==> flow/design.v <==
module core_data_mux_n #(
  parameter int DW = 12,
  parameter int NUM = 24,
  parameter int LG = $clog2(NUM)
) (
  input  logic clock,
  input  logic rst_n,
  input  logic step,
  input  logic [NUM*DW-1:0] d,
  input  logic [LG-1:0] sel,
  output logic [DW-1:0] out
);
  logic [NUM*DW-1:0] d_q;
  logic [LG-1:0] sel_q;
  logic [DW-1:0] out_q;
  always_ff @(posedge clock) begin
    if (~rst_n) begin
      d_q <= '0;
      sel_q <= '0;
      out_q <= '0;
    end else if (step) begin
      d_q <= d;
      sel_q <= sel;
      out_q <= d_q[sel_q*DW +: DW];
    end
  end
  assign out = out_q;
endmodule
== Step by step through the tools: core_data_mux_n ==
What the tools print for core_data_mux_n, step after step.
Lines are those of the file above, counted from 1.
Operators: Yosys type, input widths -> output width; for muxes data width and select width s.
A cell with -- has no value.

* Design top: core_data_mux_n
* Clock: clock
* Library: sky130hd
* Corner: tt_025C_1v80

== After elaboration ==
Source: Yosys, flattened and elaborated, memories not mapped. Widths are those after wreduce; folded enables and synchronous resets count as part of the registers. Registers that Yosys merges into a memory's read port (data or address) are not register bits. Print and check cells do not count. Equal cells are merged and count once.

* Multipliers: 1
* Shift-type cells: 1

{| class="wikitable"
|+ Operators by type and width
! operator !! count
|-
| $shiftx 288x10->12 || 1
|-
| $mul 5x2->7 const B || 1
|}

* Bits in registers: 305
* Input port bits: 296
* Output and inout bits: 12
* Word-level cells: 5

== Depth ==
Longest topological path by Yosys (ltp), each cell counted once; first at word level (registers and memories cut), then after technology mapping (sequential cells cut; the memories' decode and read muxes count).

* Depth in word-level cells: 2
* ABC_AREA: 0
* Gate-level depth with buffers: 7
* Depth with buffers taken out: 4

== Synthesis result ==
Yosys stat after the flow's synthesis: flattened, memories mapped to cells. It holds for the ABC_AREA given above (unset counts as 0); a run with the other value may have another netlist.
The area totals of this step are shown rounded.

* Cells in the netlist: 1242
* Mapped area: 13750 um^2
* Area of sequential cells: 6106 um^2
* Flip-flops: 305
* Buffers: 97

{| class="wikitable"
|+ Cells by type
! cell type !! count !! area in all (um^2)
|-
| sky130_fd_sc_hd__dfxtp_1 || 305 || 6.11E+03
|-
| sky130_fd_sc_hd__mux2i_1 || 389 || 3.89E+03
|-
| sky130_fd_sc_hd__nor2b_1 || 294 || 1.84E+03
|-
| sky130_fd_sc_hd__mux4_2 || 23 || 517.997
|-
| sky130_fd_sc_hd__buf_2 || 43 || 215.206
|-
| sky130_fd_sc_hd__clkbuf_1 || 39 || 146.39
|-
| sky130_fd_sc_hd__o22ai_2 || 10 || 125.12
|-
| sky130_fd_sc_hd__nand2_1 || 25 || 93.84
|-
| sky130_fd_sc_hd__a22oi_1 || 12 || 90.086
|-
| sky130_fd_sc_hd__o22ai_1 || 14 || 87.584
|-
| sky130_fd_sc_hd__a211oi_1 || 11 || 82.579
|-
| sky130_fd_sc_hd__o21ai_0 || 16 || 80.077
|-
| sky130_fd_sc_hd__nand4_1 || 12 || 75.072
|-
| sky130_fd_sc_hd__a31oi_1 || 11 || 68.816
|-
| sky130_fd_sc_hd__buf_4 || 6 || 45.043
|-
| sky130_fd_sc_hd__buf_6 || 4 || 45.043
|-
| sky130_fd_sc_hd__o21ai_1 || 7 || 35.034
|-
| sky130_fd_sc_hd__dlygate4sd1_1 || 3 || 26.275
|}

Other cell types: 16; their cells: 18.

== Path before layout ==
Path of least setup slack by OpenSTA after synthesis, without wires, with an ideal clock, recovery checks aside; 20% of the period is set as input and as output delay. Where synthesis merged equal registers, the netlist keeps one of their names.

* Kind: flip-flop to flip-flop
* Start point: register sel_q[0]
* End point: register out_q[10]
* Clock period: 2.0 ns
* Library setup time: 0.122 ns
* Launch time at the first pin: 0.000 ns
* Arrival time: 1.480 ns
* Data required time: 1.878 ns
* Slack: 0.398 ns
* Path delay: 1.602 ns
* Stages on the path: 6
* Path buffers: 1
* Period reached after synthesis: 1.602 ns

"path delay" is the arrival time less input delay plus setup time.
"stages on the path": output pins that drive a net of the path, with the launching flip-flop's if there is one; two outputs of one cell count as two.
"period reached after synthesis" is the clock period less the worst setup slack; recovery checks do not enter. This is arithmetic on one report: input and output delays are still those of the set period (20% each).
Between the ends stands the longest chain of elaborated cells between them, by number of cells; it is not shown to be the way that was timed. Of several equally long chains one is given.
Each line given opens the expression or statement behind the cell; cells for indexed reads and writes are added by Yosys, which also makes memories of some case tables.

* Cells stage by stage: sky130_fd_sc_hd__dfxtp_1 -> sky130_fd_sc_hd__buf_6 -> sky130_fd_sc_hd__mux4_2 -> sky130_fd_sc_hd__a21oi_1 -> sky130_fd_sc_hd__and4bb_1 -> sky130_fd_sc_hd__a21oi_2
* Cells in the longest elaborated chain: 2
* Elaborated cells between the ends (all ways): 2
* Source lines of those cells: 1
* Those cells by class: mul: 1; shift: 1

{| class="wikitable"
|+ RTL lines, path after synthesis
! element !! RTL line !! source
|-
| from (decl) || 14 || <nowiki>logic [LG-1:0] sel_q;</nowiki>
|-
| from (assign) || 19 || <nowiki>sel_q <= '0;</nowiki>
|-
| from (assign) || 23 || <nowiki>sel_q <= sel;</nowiki>
|-
| $mul 5x2->7 || 24 || <nowiki>out_q <= d_q[sel_q*DW +: DW];</nowiki>
|-
| $shiftx 288x10->12 || 24 ||
|-
| to (assign) || 20 || <nowiki>out_q <= '0;</nowiki>
|-
| to (assign) || 24 ||
|-
| to (decl) || 15 || <nowiki>logic [DW-1:0] out_q;</nowiki>
|}

== Timing after layout ==
Path of least setup slack in the final report of record 2 (OpenROAD, finished layout, wires in). Where an end is a register, its clock arrival counts in the times.

* Kind: flip-flop to flip-flop
* Start point: register sel_q[0]
* End point: register out_q[8]
* Clock period: 2.0 ns
* Library setup time: 0.13 ns
* Launch time at the first pin: 0.49 ns
* Arrival time: 2.30 ns
* Data required time: 2.37 ns
* Slack: 0.07 ns
* Stages on the path: 5
* Path buffers: 1

Between the ends stands the longest chain of elaborated cells between them, by number of cells; it is not shown to be the way that was timed. Of several equally long chains one is given.

* Cells stage by stage: sky130_fd_sc_hd__dfxtp_2 -> sky130_fd_sc_hd__buf_12 -> sky130_fd_sc_hd__mux4_2 -> sky130_fd_sc_hd__a211oi_1 -> sky130_fd_sc_hd__a31oi_1
* Cells in the longest elaborated chain: 2
* Elaborated cells between the ends (all ways): 2
* Source lines of those cells: 1
* Those cells by class: mul: 1; shift: 1

{| class="wikitable"
|+ RTL lines, path after layout
! element !! RTL line !! source
|-
| from (decl) || 14 || <nowiki>logic [LG-1:0] sel_q;</nowiki>
|-
| from (assign) || 19 || <nowiki>sel_q <= '0;</nowiki>
|-
| from (assign) || 23 || <nowiki>sel_q <= sel;</nowiki>
|-
| $mul 5x2->7 || 24 || <nowiki>out_q <= d_q[sel_q*DW +: DW];</nowiki>
|-
| $shiftx 288x10->12 || 24 ||
|-
| to (assign) || 20 || <nowiki>out_q <= '0;</nowiki>
|-
| to (assign) || 24 ||
|-
| to (decl) || 15 || <nowiki>logic [DW-1:0] out_q;</nowiki>
|}

## Implementation results

3 stored runs of core_data_mux_n in the flow (synthesis by Yosys, layout by OpenROAD, sky130hd cells), in arbitrary order. Constraints: input delay and output delay 20% of the set period each, output load 0.01 pF.
"allowed time less slack (worst setup path)": the worst setup path's part of the clock period (all of it between registers, 20% less for each end at a port) less its slack. A launch clock that arrives late makes it longer, a capture clock that arrives late makes it shorter.
"total power after layout" rests on the timing tool's default activity at the inputs, not on a simulated workload.
The measured numbers are rounded.

=== Record 1 ===
{| class="wikitable"
! Setting !! Value
|-
| period_ns || 2.14
|-
| CORE_UTILIZATION || 72
|-
| PLACE_DENSITY_LB_ADDON || 0.14
|-
| CTS_CLUSTER_SIZE || 26
|-
| CAP_MARGIN || 5
|-
| MIN_ROUTING_LAYER || met1
|-
| MAX_ROUTING_LAYER || met4
|-
| CORE_MARGIN || 2
|-
| SLEW_MARGIN || 20
|}
Not finished: placement ended with error FLW-0024.

=== Record 2 ===
{| class="wikitable"
! Setting !! Value
|-
| period_ns || 2.0
|-
| CAP_MARGIN || 20
|-
| CORE_MARGIN || 2
|-
| CORE_UTILIZATION || 40
|-
| SLEW_MARGIN || 20
|-
! Result !! Value
|-
| Netlist area reported by Yosys || 13750 um^2
|-
| Area inside the die boundary || 35870 um^2
|-
| Std-cell area (final layout) || 18570 um^2
|-
| Utilization in the final report || 0.551
|-
| Setup slack of the critical path || 0.066 ns
|-
| Sum of negative setup slack || 0.000 ns
|-
| Total power after layout || 15040 uW
|-
| Allowed time less slack (worst setup path) || 1.93 ns
|-
| Class of the worst setup path || flip-flop to flip-flop
|}

=== Record 3 ===
{| class="wikitable"
! Setting !! Value
|-
| period_ns || 2.8
|-
| CORE_UTILIZATION || 15
|-
| PLACE_DENSITY_LB_ADDON || 0.0
|-
| CORE_MARGIN || 6
|-
| CELL_PAD_IN_SITES_DETAIL_PLACEMENT || 1
|-
| GPL_TIMING_DRIVEN || 1
|-
| CTS_CLUSTER_SIZE || 38
|-
| CTS_CLUSTER_DIAMETER || 225
|-
| SLEW_MARGIN || 40
|-
| MIN_ROUTING_LAYER || met2
|-
| MAX_ROUTING_LAYER || met4
|-
| CAP_MARGIN || 20
|-
! Result !! Value
|-
| Netlist area reported by Yosys || 13750 um^2
|-
| Area inside the die boundary || 99060 um^2
|-
| Std-cell area (final layout) || 18740 um^2
|-
| Utilization in the final report || 0.207
|-
| Setup slack of the critical path || 0.488 ns
|-
| Sum of negative setup slack || 0.000 ns
|-
| Total power after layout || 9161 uW
|-
| Allowed time less slack (worst setup path) || 2.31 ns
|-
| Class of the worst setup path || flip-flop to flip-flop
|}
